==> flow/design.v <==
module ram_block_stage #(
  parameter int DEPTH = 24,
  parameter int WD = 64,
  parameter int AW = $clog2(DEPTH)
) (
  input logic clk_i,
  input logic i_rst,
  input logic adv,
  input logic we_in,
  input logic [AW-1:0] wr_addr_in,
  input logic [WD-1:0] d_in,
  input logic [AW-1:0] rsel0_in,
  input logic [AW-1:0] rsel1_in,
  output logic [WD-1:0] rd0_out,
  output logic [WD-1:0] rd1_out
);
  logic [WD-1:0] store [0:DEPTH-1];
  always_ff @(posedge clk_i) begin
    if (adv && we_in)
      store[wr_addr_in] <= d_in;
  end
  logic [WD-1:0] rd0_ff;
  assign rd0_out = rd0_ff;
  logic [WD-1:0] rd1_ff;
  assign rd1_out = rd1_ff;
  always_ff @(posedge clk_i) begin
    if (i_rst) begin
      rd0_ff <= 0;
      rd1_ff <= 0;
    end else if (adv) begin
      rd0_ff <= store[rsel0_in];
      rd1_ff <= store[rsel1_in];
    end
  end
endmodule
# Step by step through the tools: ram_block_stage
# Tool output for the design above, in the order of the flow.
# Lines are those of the file above, counted from 1.
# Library cell names are shortened.
# The mark - stands for no value.
[design]
design = "ram_block_stage"
clock_port = "clk_i"
library = "sky130hd"
pvt_corner = "tt_025C_1v80"

# Word-level counts
# Source: Yosys, flattened and elaborated, memories not mapped. Widths are those after wreduce; folded enables and synchronous resets count as part of the registers. Registers that Yosys merges into a memory's read port (data or address) are not register bits. Print and check cells do not count. Equal cells are merged and count once.
# Memory sizes are those after Yosys's memory passes, which may raise the word count (mostly to a power of two), join words into wider ones and drop unused or constant bits.
[op_classes]
n_mux = 3
n_logic = 0
equal = 0
mul = 0
n_div = 0
addsub = 0
reduce_and_logical = 1
cmp = 0
shift = 0
[op_table]
columns = ["cell", "count"]
rows = [
  ["64-bit two-way mux", 1],
  ["5-bit two-way mux", 1],
  ["1-bit logical AND", 1],
  ["1-bit two-way mux", 1],
]
[word_totals]
in_bits = 83
wordCells = 5
memories = 1
clocked_rd_ports_x_width = 128
ram_bits = 1536
regBits = 0
out_inout_bits = 128
latch_bits = 0
rom_bits = 0
[memory_table]
columns = ["name", "words", "word_bits", "read_ports", "write_ports", "line_no", "text"]
rows = [
  ["store", 24, 64, 2, 1, 17, "logic [WD-1:0] store [0:DEPTH-1];"],
]

# Depth
# Yosys ltp: most cells in a row. Word level: on the elaborated netlist, between registers, memories and ports. Mapped: between sequential cells and ports; inverters and the memories' decode and read muxes count.
[logic_depth]
depth_word = 2
abc_area = 0
ltp_mapped = 8
depth_no_buf = 5

# Mapped cells and area
# The flow's flattened synthesis, as Yosys stat reports it; memories are mapped. The netlist is that of the ABC_AREA named above (0 if unset); the other value can give another one.
[mapped]
ffs = 1664
sequential_area_um2 = 48686.7
buffers = 406
stdcells = 4892
area_um2 = 75880.3
[types]
columns = ["cell_type", "count", "type_area_um2"]
rows = [
  ["edfxtp_1", 1536, 4.61E+04],
  ["mux2i_1", 832, 8.33E+03],
  ["mux2_2", 290, 3.27E+03],
  ["mux4_2", 128, 2.88E+03],
  ["dfxtp_1", 128, 2.56E+03],
  ["a211oi_1", 256, 1.92E+03],
  ["a22oi_1", 255, 1.91E+03],
  ["a2111oi_0", 128, 1.12E+03],
  ["a221oi_1", 127, 1.11E+03],
  ["nor2b_1", 136, 850.816],
  ["o22ai_1", 128, 800.768],
  ["nand2_1", 198, 743.213],
  ["clkbuf_1", 180, 675.648],
  ["nor2_1", 159, 596.822],
  ["buf_2", 114, 570.547],
  ["o2111ai_1", 64, 560.538],
  ["buf_6", 40, 450.432],
  ["buf_4", 57, 427.91],
]
# Other cell types: 16; their cells: 136.

# Path before layout
# Path of least setup slack by OpenSTA after synthesis, without wires, with an ideal clock, recovery checks aside; 20% of the period is set as input and as output delay. Where synthesis merged equal registers, the netlist keeps one of their names.
[synth_timing]
kind = "input port to flip-flop"
startpoint = "in adv"
endpoint = "mem store[23][0]"
path_buffers = 2
t_required_ns = 5.584
path_delay_ns = 3.888
tclk_ns = 6.07
setup_time_ns = 0.486
path_slack_ns = 0.967
arrival_ns = 4.616
t_first_pin_ns = 1.214
in_delay_ns = 1.214
driving_pins = 4
period_less_setup_slack_ns = 5.103
# "path_delay_ns" = arrival - input delay + setup time.
# "driving_pins" counts driving pins, that of a launching flip-flop among them; a cell with two outputs on the path counts twice.
# "period_less_setup_slack_ns" = period - worst setup slack (recovery checks aside). The figure is calculated, with input and output delays left at 20% of the set period.
# The rows between start and end are the longest chain of elaborated cells between them; the timing report does not say that the signal goes this way. Where chains are equally long, one stands for them.
# A line is the first line of the expression or statement that the cell stems from. Yosys adds cells for indexed reads and writes and turns some case tables into memories.
# Only ways into the end's enable, where the timed path ends, are counted here.
[synth_via]
path_cell_list = "buf_2 > clkbuf_1 > nand4_1 > nor2_1"
elab_chain_len = 2
cells_between = 3
lines_between = 1
classes_between = "2 x mux; 1 x reduce/logical"
[synth_rtl]
columns = ["item", "line_no", "text"]
rows = [
  ["start, declared", 8, "input logic adv,"],
  ["1-bit logical AND", 19, "if (adv && we_in)"],
  ["5-bit two-way mux", 19, ""],
  ["end, declared", 17, "logic [WD-1:0] store [0:DEPTH-1];"],
]

# Worst path after layout
# From the final timing report of record 1: the path of least setup slack in the routed layout; clock arrival at registers is part of the times.
[layout_timing]
kind = "input port to flip-flop"
startpoint = "in rsel0_in[0]"
endpoint = "reg rd0_ff[19]"
in_delay_ns = 1.36
driving_pins = 7
t_first_pin_ns = 1.36
path_buffers = 3
tclk_ns = 6.81
arrival_ns = 4.51
t_required_ns = 7.45
setup_time_ns = 0.15
path_slack_ns = 2.94
[layout_via]
path_cell_list = "buf_6 > buf_4 > nor2_4 > buf_4 > a22oi_1 > nand4_1 > a211oi_1"
[layout_rtl]
columns = ["item", "line_no", "text"]
rows = [
  ["start, declared", 12, "input logic [AW-1:0] rsel0_in,"],
  ["end, declared", 22, "logic [WD-1:0] rd0_ff;"],
]
# Chain of elaborated cells between the ends: none given.

# Design ram_block_stage on sky130hd. What follows are 3 stored runs of the flow, each under its own settings; their order means nothing. The constraints put input and output delay at 20% of the set period each and load the outputs with 0.01 pF.
# By "achievedPeriod_ns" is meant the clock period of the run minus its worst setup slack. This is arithmetic on one report: input and output delays are still those of the set period (20% each).
# "worst_path_time_ns" means the part of the period allowed to the worst setup path (the constraints hold back 20% at inputs and 20% at outputs) less its slack; where the path has registers, the arrival times of their clocks count too.
# "totalPower_mw" rests on the timing tool's default activity at the inputs, not on a simulated workload.

[[run]]
name = "record 1"
[run.settings]
period_ns = 6.81
CORE_UTILIZATION = 50
SETUP_SLACK_MARGIN = 1.8
PLACE_DENSITY_LB_ADDON = 0.05
CORE_ASPECT_RATIO = 0.63
CELL_PAD_IN_SITES_GLOBAL_PLACEMENT = 1
GPL_TIMING_DRIVEN = 1
CTS_CLUSTER_DIAMETER = 353
MAX_ROUTING_LAYER = "met5"
CAP_MARGIN = 20
CORE_MARGIN = 2
SLEW_MARGIN = 20
[run.results]
synthArea_um2 = 75880.3
layout_stdcell_area_um2 = 85384.4
setup_tns_ns = 0.000
final_setup_ws_ns = 2.939
util_pct = 56.7
worst_path_time_ns = 2.51
path_kind = "input port to flip-flop"
total_die_area_um2 = 154975.0
totalPower_mw = 22.437
achievedPeriod_ns = 3.871
timing.hold.ws_ns = 0.478

[[run]]
name = "record 2"
[run.settings]
period_ns = 6.07
CAP_MARGIN = 20
CORE_MARGIN = 2
CORE_UTILIZATION = 40
SLEW_MARGIN = 20
[run.results]
util_pct = 46.1
totalPower_mw = 25.795
worst_path_time_ns = 2.56
path_kind = "input port to flip-flop"
timing.hold.ws_ns = 0.479
setup_tns_ns = 0.000
final_setup_ws_ns = 2.296
total_die_area_um2 = 193200.0
synthArea_um2 = 75880.3
layout_stdcell_area_um2 = 86817.0
achievedPeriod_ns = 3.774

[[run]]
name = "record 3"
[run.settings]
period_ns = 3.42
CORE_UTILIZATION = 49
SETUP_SLACK_MARGIN = 0.08
CORE_ASPECT_RATIO = 1.94
CELL_PAD_IN_SITES_GLOBAL_PLACEMENT = 0
CELL_PAD_IN_SITES_DETAIL_PLACEMENT = 2
TNS_END_PERCENT = 40
ABC_AREA = 1
CTS_CLUSTER_SIZE = 68
CTS_CLUSTER_DIAMETER = 157
CAP_MARGIN = 15
SLEW_MARGIN = 20
MIN_ROUTING_LAYER = "met1"
CORE_MARGIN = 2
[run.results]
outcome = "not finished: placement ended with error DPL-0033"
